==> flow/design.v <==
module alu_compare_rtl (CLK, RSTN, op_a_i, op_b_i, lower_o, mx_o);
   parameter DATA_WIDTH = 14;
   input CLK;
   input RSTN;
   input [DATA_WIDTH-1:0] op_a_i;
   input [DATA_WIDTH-1:0] op_b_i;
   output [DATA_WIDTH-1:0] lower_o;
   output [DATA_WIDTH-1:0] mx_o;
   reg [DATA_WIDTH-1:0] r_op_a;
   always @(posedge CLK) begin
      if (~RSTN) begin
         r_op_a <= 0;
      end else begin
         r_op_a <= op_a_i;
      end
   end
   reg [DATA_WIDTH-1:0] r_op_b;
   always @(posedge CLK) begin
      if (~RSTN) begin
         r_op_b <= 0;
      end else begin
         r_op_b <= op_b_i;
      end
   end
   wire tmp;
   assign tmp = r_op_a < r_op_b;
   reg [DATA_WIDTH-1:0] r_lower;
   always @(posedge CLK) begin
      if (~RSTN) begin
         r_lower <= 0;
      end else begin
         r_lower <= tmp ? r_op_a : r_op_b;
      end
   end
   assign lower_o = r_lower;
   reg [DATA_WIDTH-1:0] r_mx;
   always @(posedge CLK) begin
      if (~RSTN) begin
         r_mx <= 0;
      end else begin
         r_mx <= tmp ? r_op_b : r_op_a;
      end
   end
   assign mx_o = r_mx;
endmodule
## Step by step through the tools: alu_compare_rtl

Tool output for the design above, in the order of the flow.
Line numbers count from 1 in the design file above.
Operators carry their Yosys type and port widths (W data, S select, Z words).
Library cell names are shortened.
The mark - stands for no value.

| inputs | value |
|---|---|
| design top | alu_compare_rtl |
| clock | CLK |
| standard-cell library | sky130hd |
| library corner | tt_025C_1v80 |

## Word level

Source: Yosys, flattened and elaborated, memories not mapped. Widths are those after wreduce; folded enables and synchronous resets count as part of the registers. Registers that Yosys merges into a memory's read port (data or address) are not register bits. Print and check cells do not count. Equal cells are merged and count once.

| storage and ports | value |
|---|---|
| word-level cells | 7 |
| register bits after elaboration | 56 |
| input bits | 30 |
| output and inout bits | 28 |

| operators by class | value |
|---|---|
| magnitude comparators | 1 |
| mux-type cells | 2 |

Operators by type and width:

| kind | count |
|---|---|
| $mux W14 | 2 |
| $lt A14 B14 Y1 | 1 |

## Longest topological paths

Depth = most cells in a row (Yosys ltp): at word level without a register or memory, in the mapped netlist without a sequential cell, where the memories' decode and read muxes count.

| depth | value |
|---|---|
| depth after elaboration | 2 |
| ABC_AREA | 0 |
| depth in mapped cells | 9 |

## Synthesis result

The flow's flattened synthesis, as Yosys stat reports it; memories are mapped. The netlist is that of the ABC_AREA named above (0 if unset); the other value can give another one.
Totals and module areas in this step are rounded.

Cells by type:

| cell | count | total area (um2) |
|---|---|---|
| dfxtp_1 | 56 | 1.12E+03 |
| mux2i_1 | 28 | 280.269 |
| and2_1 | 28 | 175.168 |
| ha_1 | 13 | 162.656 |
| nand2_1 | 30 | 112.608 |
| inv_1 | 13 | 48.797 |
| buf_12 | 2 | 40.038 |
| a21oi_1 | 7 | 35.034 |
| clkbuf_1 | 6 | 22.522 |
| nand4_1 | 3 | 18.768 |
| buf_6 | 1 | 11.261 |
| a211o_1 | 1 | 8.758 |
| o221ai_1 | 1 | 8.758 |
| a21o_1 | 1 | 7.507 |
| nand2b_1 | 1 | 6.256 |
| nand3_1 | 1 | 5.005 |
| o21ai_0 | 1 | 5.005 |
| nor2_1 | 1 | 3.754 |

| synthesis totals | value |
|---|---|
| sequential area | 1120 um2 |
| cell count | 194 |
| chip area (Yosys) | 2070 um2 |
| flip-flop cells | 56 |
| buffer cells | 9 |

## Path before layout

Path of least setup slack by OpenSTA after synthesis, without wires, with an ideal clock, recovery checks aside; 20% of the period is set as input and as output delay. Where synthesis merged equal registers, the netlist keeps one of their names.

| timing after synthesis | value |
|---|---|
| path kind | reg2reg |
| start point | register r_op_b[7] |
| end point | register r_lower[10] |
| period | 2.12 ns |
| stages | 10 |
| path slack | 0.424 ns |
| buffers on the path | 2 |
| path delay | 1.696 ns |
| arrival | 1.577 ns |
| synthesis period reached | 1.696 ns |

"path delay" = arrival - input delay + setup time.
"stages": output pins that drive a net of the path, with the launching flip-flop's if there is one; two outputs of one cell count as two.
"synthesis period reached" is the clock period less the worst setup slack; recovery checks do not enter. This is arithmetic on one report: input and output delays are still those of the set period (20% each).
The rows between start and end are the longest chain of elaborated cells between them; the timing report does not say that the signal goes this way. Where chains are equally long, one stands for them.
A line is the first line of the expression or statement that the cell stems from. Yosys adds cells for indexed reads and writes and turns some case tables into memories.

| on the way, after synthesis | value |
|---|---|
| cells stage by stage | dfxtp_1 -> inv_1 -> ha_1 -> a21o_1 -> nand3_1 -> a21oi_1 -> a211o_1 -> buf_6 -> buf_12 -> mux2i_1 |
| length of the longest elaborated chain | 2 |
| elaborated cells on any way between the ends | 2 |
| those cells by class | 1 x compare; 1 x mux |

RTL lines, path after synthesis:

| element | line | source |
|---|---|---|
| from (decl) | 17 | `reg [DATA_WIDTH-1:0] r_op_b;` |
| from (assign) | 20 | `r_op_b <= 0;` |
| from (assign) | 22 | `r_op_b <= op_b_i;` |
| $lt A14 B14 Y1 | 26 | `assign tmp = r_op_a < r_op_b;` |
| $mux W14 | 32 | `r_lower <= tmp ? r_op_a : r_op_b;` |
| to (assign) | 30 | `r_lower <= 0;` |
| to (assign) | 32 |  |
| to (decl) | 27 | `reg [DATA_WIDTH-1:0] r_lower;` |

## Worst path after layout

Path of least setup slack in the final report of stored run 1 (OpenROAD, finished layout, wires in). Where an end is a register, its clock arrival counts in the times.

| timing after layout | value |
|---|---|
| path kind | reg2reg |
| start point | register r_op_b[5] |
| end point | register r_lower[1] |
| arrival | 2.20 ns |
| path slack | 1.00 ns |
| buffers on the path | 1 |
| stages | 8 |
| period | 2.98 ns |

The rows between start and end are the longest chain of elaborated cells between them; the timing report does not say that the signal goes this way. Where chains are equally long, one stands for them.

| on the way, after layout | value |
|---|---|
| cells stage by stage | dfxtp_1 -> inv_1 -> ha_1 -> nand4_1 -> o221ai_1 -> a211o_2 -> buf_4 -> mux2i_1 |
| length of the longest elaborated chain | 2 |
| elaborated cells on any way between the ends | 2 |
| those cells by class | 1 x compare; 1 x mux |

RTL lines, path after layout:

| element | line | source |
|---|---|---|
| from (decl) | 17 | `reg [DATA_WIDTH-1:0] r_op_b;` |
| from (assign) | 20 | `r_op_b <= 0;` |
| from (assign) | 22 | `r_op_b <= op_b_i;` |
| $lt A14 B14 Y1 | 26 | `assign tmp = r_op_a < r_op_b;` |
| $mux W14 | 32 | `r_lower <= tmp ? r_op_a : r_op_b;` |
| to (assign) | 30 | `r_lower <= 0;` |
| to (assign) | 32 |  |
| to (decl) | 27 | `reg [DATA_WIDTH-1:0] r_lower;` |

Appendix: measured runs

Measured results for alu_compare_rtl: 3 stored runs of the Yosys and OpenROAD flow on sky130hd. The settings differ; the order carries no meaning. The constraints put input and output delay at 20% of the set period each and load the outputs with 0.01 pF.
"time used up by the worst setup path" = time allowed to the worst setup path (clock period - input delay - output delay, where it has them) - its slack; a late launch clock adds to it, a late capture clock takes from it.
"power consumption" is the tool's figure for a default switching activity; nothing was simulated.
Values from the reports are rounded here.
A setting shown as -- is not set for that run.

| stored run | period_ns | CORE_UTILIZATION | SETUP_SLACK_MARGIN | CORE_MARGIN | CELL_PAD_IN_SITES_GLOBAL_PLACEMENT | CELL_PAD_IN_SITES_DETAIL_PLACEMENT | TNS_END_PERCENT | ABC_AREA | CAP_MARGIN | SLEW_MARGIN | PLACE_DENSITY | CORE_ASPECT_RATIO | GPL_TIMING_DRIVEN | CTS_CLUSTER_SIZE | CTS_CLUSTER_DIAMETER | MIN_ROUTING_LAYER | MAX_ROUTING_LAYER | setup slack of the critical path (ns) | total die area (um2) | chip area after synthesis (Yosys) (um2) | power consumption (uW) | sum of negative setup slack (ns) | final utilization | standard-cell area after layout (um2) | time used up by the worst setup path (ns) | type of the worst setup path |
|---|---|---|---|---|---|---|---|---|---|---|---|---|---|---|---|---|---|---|---|---|---|---|---|---|---|---|
| stored run 1 | 2.98 | 39 | 0.67 | 10 | 2 | 0 | 85 | 0 | 15 | 20 | -- | -- | -- | -- | -- | -- | -- | 1.00 | 8630 | 2070 | 1480 | 0.000 | 0.539 | 2770 | 1.98 | reg2reg |
| stored run 2 | 1.93 | 22 | 0.56 | 4 | -- | -- | 95 | 0 | 5 | 30 | 0.76 | 0.87 | 0 | 29 | 57 | met1 | met4 | 0.187 | 11000 | 2070 | 2340 | 0.000 | 0.338 | 3050 | 1.74 | reg2reg |
| stored run 3 | 2.12 | 40 | -- | 2 | -- | -- | -- | -- | 20 | 20 | -- | -- | -- | -- | -- | -- | -- | 0.390 | 5780 | 2070 | 2410 | 0.000 | 0.566 | 2850 | 1.73 | reg2reg |
